==> flow/design.v <==
module my_rf #(
    parameter NWORDS = 4,
    parameter DW = 24,
    parameter IDX_W = $clog2(NWORDS)
) (
    input  ck,
    input  i_rst_n,
    input  step,
    input  in_write,
    input  [IDX_W-1:0] in_wr_idx,
    input  [DW-1:0] in_wdata,
    input  [IDX_W-1:0] in_rsel,
    output [DW-1:0] out_rdata
);
    reg write_reg;
    reg [IDX_W-1:0] wr_idx_reg;
    reg [DW-1:0] wdata_reg;
    always @(posedge ck or negedge i_rst_n) begin
        if (!i_rst_n) begin
            write_reg <= 1'b0;
            wr_idx_reg <= 0;
            wdata_reg <= 0;
        end else if (step) begin
            write_reg <= in_write;
            wr_idx_reg <= in_wr_idx;
            wdata_reg <= in_wdata;
        end
    end
    reg [DW-1:0] regs [0:NWORDS-1];
    always @(posedge ck) begin
        if (step && write_reg)
            regs[wr_idx_reg] <= wdata_reg;
    end
    reg [IDX_W-1:0] rsel_reg;
    always @(posedge ck or negedge i_rst_n) begin
        if (!i_rst_n) begin
            rsel_reg <= 0;
        end else if (step) begin
            rsel_reg <= in_rsel;
        end
    end
    assign out_rdata = regs[rsel_reg];
endmodule
Subject: tool reports on my_rf

Hi,

Tool chain data of my_rf
Module my_rf in several versions that differ in "NWORDS"; each step lists the members.
The RTL above is that of NWORDS 4; lines are counted from 1 in the file of the member named.
Not given: -

set-up
  top = my_rf
  clock = ck
  library = sky130hd
  corner = tt_025C_1v80

Source of the members
Lines of each other member's file that are new or changed against the file above; lines that a member lacks are not shown.

new or changed lines
  NWORDS  line  RTL
  6       2     parameter NWORDS = 6,
  12      2     parameter NWORDS = 12,
  20      2     parameter NWORDS = 20,
  64      2     parameter NWORDS = 64,

After elaboration
Source: Yosys, flattened and elaborated, memories not mapped. Widths are those after wreduce; folded enables and synchronous resets count as part of the registers. Registers that Yosys merges into a memory's read port (data or address) are not register bits. Print and check cells do not count. Equal cells are merged and count once.
Yosys's memory passes give these memory sizes; they may raise the number of words (mostly to a power of two), join words into wider ones and drop unused or constant bits.

bit counts
  NWORDS  bits in registers  memory bits (writable)  memories  bits of input ports  output and inout port bits  elaborated cells
  4       29                 96                      1         32                   24                          9
  6       31                 144                     1         34                   24                          9
  12      33                 288                     1         36                   24                          9
  20      35                 480                     1         38                   24                          9
  64      37                 1536                    1         40                   24                          9

memories
  NWORDS  shape (words x width / read and write ports)
  4       regs 4x24 r1 w1
  6       regs 6x24 r1 w1
  12      regs 12x24 r1 w1
  20      regs 20x24 r1 w1
  64      regs 64x24 r1 w1

operators by class
  NWORDS  muxes and demuxes  reduce/logical cells
  4       3                  1
  6       3                  1
  12      3                  1
  20      3                  1
  64      3                  1

operators with widths
  NWORDS  kind and count
  4       24-bit 2-to-1 mux (1); 2-bit 2-to-1 mux (1); 1-bit logical AND (1); 1-bit 2-to-1 mux (1)
  6       24-bit 2-to-1 mux (1); 3-bit 2-to-1 mux (1); 1-bit logical AND (1); 1-bit 2-to-1 mux (1)
  12      24-bit 2-to-1 mux (1); 4-bit 2-to-1 mux (1); 1-bit logical AND (1); 1-bit 2-to-1 mux (1)
  20      24-bit 2-to-1 mux (1); 5-bit 2-to-1 mux (1); 1-bit logical AND (1); 1-bit 2-to-1 mux (1)
  64      24-bit 2-to-1 mux (1); 6-bit 2-to-1 mux (1); 1-bit logical AND (1); 1-bit 2-to-1 mux (1)

Longest topological paths
Depth = most cells in a row (Yosys ltp): at word level without a register or memory, in the mapped netlist without a sequential cell, where the memories' decode and read muxes count.

depth
  NWORDS  word-level depth  ABC_AREA  gate-level depth with buffers  depth with buffers taken out
  4       2                 0         3                              1
  6       2                 0         4                              2
  12      2                 0         6                              3
  20      2                 0         7                              4
  64      2                 0         9                              5

Synthesis result
Source: synth_stat.txt of the flow (Yosys; design flattened, memories mapped). It holds for the ABC_AREA given above (unset counts as 0); a run with the other value may have another netlist.

synthesis totals
  NWORDS  mapped cells  mapped area (um2)  flip-flop cells  buffer cells
  4       192           4619.4             125              10
  6       303           6660.1             175              15
  12      551           12256.8            321              30
  20      1057          19951.6            515              58
  64      2641          59991.3            1573             152

cells by type
  NWORDS  types with counts
  4       sky130_fd_sc_hd__edfxtp_1 (96); sky130_fd_sc_hd__dfrtp_1 (29); sky130_fd_sc_hd__mux4_2 (19); sky130_fd_sc_hd__mux2_2 (29); sky130_fd_sc_hd__mux4_1 (5); sky130_fd_sc_hd__buf_12 (2); sky130_fd_sc_hd__buf_2 (7); sky130_fd_sc_hd__and4b_1 (2); sky130_fd_sc_hd__buf_6 (1); sky130_fd_sc_hd__nor4bb_1 (1); sky130_fd_sc_hd__and4_1 (1)
  6       sky130_fd_sc_hd__edfxtp_1 (144); sky130_fd_sc_hd__mux2_2 (70); sky130_fd_sc_hd__dfrtp_1 (31); sky130_fd_sc_hd__mux4_2 (24); sky130_fd_sc_hd__mux2_1 (9); sky130_fd_sc_hd__buf_2 (7); sky130_fd_sc_hd__buf_6 (2); sky130_fd_sc_hd__clkbuf_1 (6); sky130_fd_sc_hd__nor2_1 (4); sky130_fd_sc_hd__nand2b_1 (2); sky130_fd_sc_hd__nor3_1 (2); sky130_fd_sc_hd__nand3b_1 (1); sky130_fd_sc_hd__nand3_1 (1)
  12      sky130_fd_sc_hd__edfxtp_1 (288); sky130_fd_sc_hd__mux4_2 (44); sky130_fd_sc_hd__dfrtp_1 (33); sky130_fd_sc_hd__mux2i_1 (48); sky130_fd_sc_hd__mux2_2 (33); sky130_fd_sc_hd__o221ai_2 (11); sky130_fd_sc_hd__a22oi_2 (11); sky130_fd_sc_hd__o221ai_1 (13); sky130_fd_sc_hd__mux4_1 (4); sky130_fd_sc_hd__a22oi_1 (13); sky130_fd_sc_hd__buf_12 (3); sky130_fd_sc_hd__buf_2 (10); sky130_fd_sc_hd__buf_6 (4); sky130_fd_sc_hd__nor2_1 (10); sky130_fd_sc_hd__clkbuf_1 (9); sky130_fd_sc_hd__nand2b_1 (3); sky130_fd_sc_hd__nand4b_1 (2); sky130_fd_sc_hd__nor3_1 (3); [+9]
  20      sky130_fd_sc_hd__edfxtp_1 (480); sky130_fd_sc_hd__mux2i_1 (192); sky130_fd_sc_hd__dfrtp_1 (35); sky130_fd_sc_hd__mux4_2 (24); sky130_fd_sc_hd__mux2_2 (35); sky130_fd_sc_hd__nand2_1 (75); sky130_fd_sc_hd__o22ai_2 (20); sky130_fd_sc_hd__a211oi_1 (24); sky130_fd_sc_hd__a22oi_1 (24); sky130_fd_sc_hd__o22ai_1 (28); sky130_fd_sc_hd__buf_4 (23); sky130_fd_sc_hd__nand4_1 (25); sky130_fd_sc_hd__nor2_1 (24); sky130_fd_sc_hd__buf_2 (15); sky130_fd_sc_hd__clkbuf_1 (13); sky130_fd_sc_hd__buf_6 (4); sky130_fd_sc_hd__buf_12 (2); sky130_fd_sc_hd__nand4bb_1 (2); [+12]
  64      sky130_fd_sc_hd__edfxtp_1 (1536); sky130_fd_sc_hd__mux4_2 (382); sky130_fd_sc_hd__dfrtp_1 (37); sky130_fd_sc_hd__mux2i_1 (59); sky130_fd_sc_hd__mux2_2 (43); sky130_fd_sc_hd__a22oi_1 (61); sky130_fd_sc_hd__nor2_1 (89); sky130_fd_sc_hd__buf_4 (35); sky130_fd_sc_hd__clkbuf_1 (64); sky130_fd_sc_hd__nand2_1 (58); sky130_fd_sc_hd__nand3_1 (35); sky130_fd_sc_hd__buf_2 (34); sky130_fd_sc_hd__o21ai_0 (33); sky130_fd_sc_hd__o22ai_1 (24); sky130_fd_sc_hd__a32oi_1 (14); sky130_fd_sc_hd__and4_1 (12); sky130_fd_sc_hd__o21a_1 (12); sky130_fd_sc_hd__a22o_1 (10); [+103]

The mark [+n] counts cells that are not listed.

Path before layout
OpenSTA on the mapped netlist: ideal clock, no wires. The path of least setup slack (recovery checks aside). Input and output delay are each 20% of the period. Register names are those of the netlist, which keeps one name where synthesis merged equal registers.

timing after synthesis
  NWORDS  kind                start                 end                   period (ns)  setup slack (ns)  driving pins on the path  path delay (ns)  period reached after synthesis (ns)
  4       input to register   input step            memory regs[0][0]     4.93         0.788             3                         3.156            4.142
  6       input to register   input step            memory regs[1][0]     4.4          0.702             4                         2.818            3.698
  12      input to register   input step            memory regs[4][0]     4.41         0.704             4                         2.824            3.706
  20      input to register   input step            memory regs[14][0]    3.26         0.524             4                         2.084            2.736
  64      register to output  register rsel_reg[0]  output out_rdata[23]  3.26         0.633             9                         1.975            2.627

"path delay" is the arrival time less input delay plus setup time.
A path that ends at an output port has no setup time.
"driving pins on the path": output pins that drive a net of the path, with the launching flip-flop's if there is one; two outputs of one cell count as two.
"period reached after synthesis" = period - worst setup slack (recovery checks aside). The figure is calculated, with input and output delays left at 20% of the set period.
The rows between start and end are the longest chain of elaborated cells between them; the timing report does not say that the signal goes this way. Where chains are equally long, one stands for them.
A line is the first line of the expression or statement that the cell stems from. Yosys adds cells for indexed reads and writes and turns some case tables into memories.
A memory read counts as a cell of the chain, while the word-level depth stops at memories.
NWORDS 4: Only ways into the end's enable, where the timed path ends, are counted here.

between the ends, after synthesis, NWORDS 4
  length of the longest elaborated chain = 2

RTL lines, path after synthesis, NWORDS 4
  item               line  RTL
  start, declared    8     input  step,
  1-bit logical AND  31    if (step && write_reg)
  2-bit 2-to-1 mux   31
  end, declared      29    reg [DW-1:0] regs [0:NWORDS-1];

between the ends, after synthesis, NWORDS 64
  length of the longest elaborated chain = 1

RTL lines, path after synthesis, NWORDS 64
  item                line  RTL
  start, declared     34    reg [IDX_W-1:0] rsel_reg;
  start, assigned     37    rsel_reg <= 0;
  start, assigned     39    rsel_reg <= in_rsel;
  memory 64 x 24 bit  29    reg [DW-1:0] regs [0:NWORDS-1];
  end, declared       13    output [DW-1:0] out_rdata

Path in the finished layout
Path of least setup slack in the final report of the run of each member (OpenROAD, finished layout, wires in). Where an end is a register, its clock arrival counts in the times.

timing after layout
  NWORDS  kind                start                 end                   period (ns)  setup slack (ns)  driving pins on the path  arrival time (ns)
  4       register to output  register rsel_reg[0]  output out_rdata[2]   4.93         1.41              3                         2.53
  6       register to output  register rsel_reg[1]  output out_rdata[3]   4.4          0.68              5                         2.84
  12      register to output  register rsel_reg[0]  output out_rdata[18]  4.41         0.57              6                         2.96
  20      register to output  register rsel_reg[0]  output out_rdata[3]   3.26         0.05              10                        2.56
  64      register to output  register rsel_reg[0]  output out_rdata[3]   3.26         -0.71             8                         3.32

Layout results
One run of the flow (Yosys, OpenROAD) for each member, with settings and measured results. Input and output delays are each 20% of the period that was set; the output load is 0.01 pF.

flow settings
  CAP_MARGIN = 20
  CORE_MARGIN = 2
  CORE_UTILIZATION = 40
  SLEW_MARGIN = 20

settings by member
  NWORDS  period_ns
  4       4.93
  6       4.4
  12      4.41
  20      3.26
  64      3.26

final reports
  NWORDS  synthesis area (um2)  die size (um2)  standard-cell area of the final layout (um2)  post-route utilization (%)  setup slack of the critical path (ns)  setup total negative slack (ns)  total power of the final layout (mW)  achieved period (ns)
  4       4619.4                12424.4         5900.7                                        52.1                        1.413                                  0.000                            2.678                                 3.517
  6       6660.1                17698.3         8154.1                                        49.7                        0.684                                  0.000                            3.822                                 3.716
  12      12256.8               32058.9         14463.9                                       47.7                        0.566                                  0.000                            6.822                                 3.844
  20      19951.6               51681.2         23965.5                                       48.9                        0.051                                  0.000                            14.572                                3.209
  64      59991.3               153092.0        73260.3                                       49.0                        -0.711                                 -14.622                          46.349                                3.971

"achieved period" is the run's clock period less its worst setup slack. It is reckoned from that one timing run; input and output delays stay at 20% of the period that was set.
"total power of the final layout" rests on the timing tool's default activity at the inputs, not on a simulated workload.

Regards
